==> flow/design.v <==
module addsub_mod #(
  parameter int BITS = 6
) (
  input  logic aclk,
  input  logic aresetn,
  input  logic [BITS-1:0] i_opa,
  input  logic i_minus,
  input  logic i_zero,
  output logic [BITS-1:0] o_q
);
  logic [BITS-1:0] opa_d1;
  logic minus_d1;
  logic zero_d1;
  logic [BITS-1:0] acc;
  assign o_q = acc;
  always_ff @(posedge aclk or negedge aresetn) begin
    if (~aresetn) begin
      opa_d1 <= 0;
      minus_d1 <= 1'b0;
      zero_d1 <= 1'b0;
      acc <= 0;
    end else begin
      opa_d1 <= i_opa;
      minus_d1 <= i_minus;
      zero_d1 <= i_zero;
      acc <= zero_d1 ? opa_d1 : minus_d1 ? acc - opa_d1 : acc + opa_d1;
    end
  end
endmodule
# Step by step through the tools: addsub_mod
# What the tools print for addsub_mod, step after step.
# Lines are those of the file above, counted from 1.
# Operators carry their Yosys type and port widths (W data, S select, Z words).
# Library cell names are shortened.
# Not given: n/a
dict set report inputs {
  top {addsub_mod}
  clock {aclk}
  cell_library {sky130hd}
  lib_corner {tt_025C_1v80}
}

# Word-level counts
# Source: Yosys, flattened and elaborated, memories not mapped. Widths are those after wreduce; folded enables and synchronous resets count as part of the registers. Registers that Yosys merges into a memory's read port (data or address) are not register bits. Print and check cells do not count. Equal cells are merged and count once.
dict set report word_totals {
  reg_bits 14
  wordCells 8
  output_inout_bits 6
}
dict set report classes {
  add_sub_neg 2
  mux 2
}
# operator n
set op_table {}
lappend op_table {{$mux W6} 2}
lappend op_table {{$add A6 B6 Y6} 1}
lappend op_table {{$sub A6 B6 Y6} 1}

# Longest topological paths
# Depth = most cells in a row (Yosys ltp): at word level without a register or memory, in the mapped netlist without a sequential cell, where the memories' decode and read muxes count.
dict set report depth {
  word_depth 3
  abc_area 0
  depth_mapped 10
  mapped_depth_nobuf 10
}

# Netlist
# Yosys stat after the flow's synthesis: flattened, memories mapped to cells. It holds for the ABC_AREA given above (unset counts as 0); a run with the other value may have another netlist.
# The area totals of this step are shown rounded.
dict set report synth_totals {
  buf_cells 1
  ff_cells 14
  stdcells 68
  mapped_area_um2 764.5
}
# cell n type_area_um2
set types {}
lappend types {dfrtp_1 14 350.336}
lappend types {ha_1 6 75.072}
lappend types {xnor2_1 5 43.792}
lappend types {mux2i_1 3 30.029}
lappend types {fa_1 1 20.019}
lappend types {nand2_1 5 18.768}
lappend types {nand4b_1 2 17.517}
lappend types {xnor2_2 1 16.266}
lappend types {a21oi_1 3 15.014}
lappend types {inv_1 4 15.014}
lappend types {o21ai_1 3 15.014}
lappend types {mux2_2 1 11.261}
lappend types {nor2_1 3 11.261}
lappend types {nor3_1 2 10.01}
lappend types {nor3_2 1 10.01}
lappend types {a211o_1 1 8.758}
lappend types {a21oi_2 1 8.758}
lappend types {nor2b_2 1 8.758}
# Not listed: further types 11, cells in them 11.

# Path before layout
# Source: OpenSTA report_checks on the synthesized netlist (no wires, ideal clock, input and output delay 20% of the period each), path of least setup slack; recovery checks are left aside. Register names are those of the netlist, which keeps one name where synthesis merged equal registers.
dict set report synth_timing {
  path_kind {register -> register}
  startpoint {register opa_d1[0]}
  endpoint {register acc[5]}
  path_delay_ns 2.086
  required_time_ns 2.477
  path_buffers 0
  driving_pins 10
  period_ns 2.61
  slack_ns 0.524
  arrival_ns 1.953
  setup_time_ns 0.133
  launch_ns 0.000
  period_less_setup_slack_ns 2.086
}
# "path_delay_ns" = arrival - input delay + setup time.
# "driving_pins" counts driving pins, that of a launching flip-flop among them; a cell with two outputs on the path counts twice.
# "period_less_setup_slack_ns" = period - worst setup slack (recovery checks aside). The figure is calculated, with input and output delays left at 20% of the set period.
# Between the ends stands the longest chain of elaborated cells between them, by number of cells; it is not shown to be the way that was timed. Of several equally long chains one is given.
# A line is the first line of the expression or statement that the cell stems from. Yosys adds cells for indexed reads and writes and turns some case tables into memories.
dict set report synth_between {
  path_cell_list {dfrtp_1 inv_1 ha_1 mux2i_1 ha_1 nor2b_2 o2111ai_1 a211o_1 a21oi_1 nand4b_1}
  elab_chain_cells 3
  cone_cells 4
  cone_lines 1
  classes_between {add/sub (2); mux (2)}
}
# element line_no
set synth_lines {}
lappend synth_lines {{from (decl)} 11} ;# logic [BITS-1:0] opa_d1;
lappend synth_lines {{from (assign)} 18} ;# opa_d1 <= 0;
lappend synth_lines {{from (assign)} 23} ;# opa_d1 <= i_opa;
lappend synth_lines {{$add A6 B6 Y6} 26} ;# acc <= zero_d1 ? opa_d1 : minus_d1 ? acc - opa_d1 : acc + opa_d1;
lappend synth_lines {{$mux W6 x2} 26}
lappend synth_lines {{to (assign)} 21} ;# acc <= 0;
lappend synth_lines {{to (assign)} 26}
lappend synth_lines {{to (decl)} 14} ;# logic [BITS-1:0] acc;

# Worst path after layout
# From the final timing report of record 1: the path of least setup slack in the routed layout; clock arrival at registers is part of the times.
dict set report layout_timing {
  path_kind {register -> register}
  startpoint {register opa_d1[1]}
  endpoint {register acc[5]}
  setup_time_ns 0.12
  driving_pins 11
  launch_ns 0.28
  slack_ns 0.00
  required_time_ns 2.31
  path_buffers 1
  arrival_ns 2.31
  period_ns 2.13
}
# Between the ends stands the longest chain of elaborated cells between them, by number of cells; it is not shown to be the way that was timed. Of several equally long chains one is given.
dict set report layout_between {
  path_cell_list {dfrtp_1 buf_6 nor3_4 nor2_2 xnor2_1 ha_1 and2_4 o21ai_4 nand2_1 o211ai_1 nand4b_1}
  elab_chain_cells 3
  cone_cells 4
  cone_lines 1
  classes_between {add/sub (2); mux (2)}
}
# element line_no
set layout_lines {}
lappend layout_lines {{from (decl)} 11} ;# logic [BITS-1:0] opa_d1;
lappend layout_lines {{from (assign)} 18} ;# opa_d1 <= 0;
lappend layout_lines {{from (assign)} 23} ;# opa_d1 <= i_opa;
lappend layout_lines {{$add A6 B6 Y6} 26} ;# acc <= zero_d1 ? opa_d1 : minus_d1 ? acc - opa_d1 : acc + opa_d1;
lappend layout_lines {{$mux W6 x2} 26}
lappend layout_lines {{to (assign)} 21} ;# acc <= 0;
lappend layout_lines {{to (assign)} 26}
lappend layout_lines {{to (decl)} 14} ;# logic [BITS-1:0] acc;

Subject: flow runs of addsub_mod

Hi,

Stored flow runs of addsub_mod (3 of them; Yosys, OpenROAD, sky130hd). They differ in their settings and are not a sequence. Constraints: input delay and output delay 20% of the set period each, output load 0.01 pF.
"timing.achieved_period_ns": clock period set for the run, less the worst setup slack. It is reckoned from that one timing run; input and output delays stay at 20% of the period that was set.
"worst_path_ns" means the part of the period allowed to the worst setup path (the constraints hold back 20% at inputs and 20% at outputs) less its slack; where the path has registers, the arrival times of their clocks count too.
The measured numbers are rounded.

[flow] record 1: files
==> flow/run.sh <==
#!/bin/bash
# the make line also repeats the synthesis and layout settings of config.mk as NAME=value (left out here)
make -C /OpenROAD-flow-scripts/flow DESIGN_CONFIG=/design/flow/config.mk WORK_HOME=/design/flow/orfs CLKGATE_MAP_FILE= finish
==> flow/config.mk <==
export PLATFORM = sky130hd
export DESIGN_NAME = addsub_mod
export DESIGN_NICKNAME = addsub_mod
export VERILOG_FILES = /design/flow/design.v
export SDC_FILE = /design/flow/constraint.sdc
export NUM_CORES = 4
export LEC_CHECK = 0
export CAP_MARGIN = 10
export CORE_ASPECT_RATIO = 0.81
export CORE_MARGIN = 2
export CORE_UTILIZATION = 59
export MAX_ROUTING_LAYER = met4
export PLACE_DENSITY_LB_ADDON = 0.25
export SETUP_SLACK_MARGIN = 0.21
export SLEW_MARGIN = 20
export TNS_END_PERCENT = 25
==> flow/constraint.sdc <==
create_clock -name core_clock -period 2.13 [get_ports {aclk}]
set_input_delay 0.4260 -clock core_clock [delete_from_list [all_inputs] [get_ports {aclk}]]
set_output_delay 0.4260 -clock core_clock [all_outputs]
set_load 0.01 [all_outputs]

[flow] record 1: metrics
[metrics] synth_chip_area_um2 = 764.5
[metrics] die_um2 = 1601
[metrics] layout_stdcell_area_um2 = 1099
[metrics] fin_ws_ns = 0.002
[metrics] timing.achieved_period_ns = 2.128
[metrics] worst_path_ns = 2.13
[metrics] worst_setup_path_type = register -> register

[flow] record 2: files
==> flow/run.sh <==
#!/bin/bash
# the make line also repeats the synthesis and layout settings of config.mk as NAME=value (left out here)
make -C /OpenROAD-flow-scripts/flow DESIGN_CONFIG=/design/flow/config.mk WORK_HOME=/design/flow/orfs CLKGATE_MAP_FILE= finish
==> flow/config.mk <==
export PLATFORM = sky130hd
export DESIGN_NAME = addsub_mod
export DESIGN_NICKNAME = addsub_mod
export VERILOG_FILES = /design/flow/design.v
export SDC_FILE = /design/flow/constraint.sdc
export NUM_CORES = 4
export LEC_CHECK = 0
export CAP_MARGIN = 20
export CORE_ASPECT_RATIO = 1.37
export CORE_MARGIN = 2
export CORE_UTILIZATION = 48
export CTS_CLUSTER_DIAMETER = 280
export GPL_ROUTABILITY_DRIVEN = 1
export MAX_ROUTING_LAYER = met4
export SETUP_SLACK_MARGIN = 0.25
export SLEW_MARGIN = 20
==> flow/constraint.sdc <==
create_clock -name core_clock -period 1.4 [get_ports {aclk}]
set_input_delay 0.2800 -clock core_clock [delete_from_list [all_inputs] [get_ports {aclk}]]
set_output_delay 0.2800 -clock core_clock [all_outputs]
set_load 0.01 [all_outputs]

[flow] record 2: metrics
[metrics] synth_chip_area_um2 = 764.5
[metrics] die_um2 = 1932
[metrics] layout_stdcell_area_um2 = 1146
[metrics] fin_ws_ns = -0.638
[metrics] timing.achieved_period_ns = 2.038
[metrics] worst_path_ns = 2.04
[metrics] worst_setup_path_type = register -> register

[flow] record 3: files
==> flow/run.sh <==
#!/bin/bash
# the make line also repeats the synthesis and layout settings of config.mk as NAME=value (left out here)
make -C /OpenROAD-flow-scripts/flow DESIGN_CONFIG=/design/flow/config.mk WORK_HOME=/design/flow/orfs CLKGATE_MAP_FILE= finish
==> flow/config.mk <==
export PLATFORM = sky130hd
export DESIGN_NAME = addsub_mod
export DESIGN_NICKNAME = addsub_mod
export VERILOG_FILES = /design/flow/design.v
export SDC_FILE = /design/flow/constraint.sdc
export NUM_CORES = 4
export LEC_CHECK = 0
export CAP_MARGIN = 20
export CORE_MARGIN = 2
export CORE_UTILIZATION = 40
export SLEW_MARGIN = 20
==> flow/constraint.sdc <==
create_clock -name core_clock -period 2.61 [get_ports {aclk}]
set_input_delay 0.5220 -clock core_clock [delete_from_list [all_inputs] [get_ports {aclk}]]
set_output_delay 0.5220 -clock core_clock [all_outputs]
set_load 0.01 [all_outputs]

[flow] record 3: metrics
[metrics] synth_chip_area_um2 = 764.5
[metrics] die_um2 = 2277
[metrics] layout_stdcell_area_um2 = 977.2
[metrics] fin_ws_ns = 0.355
[metrics] timing.achieved_period_ns = 2.255
[metrics] worst_path_ns = 2.25
[metrics] worst_setup_path_type = register -> register

Regards
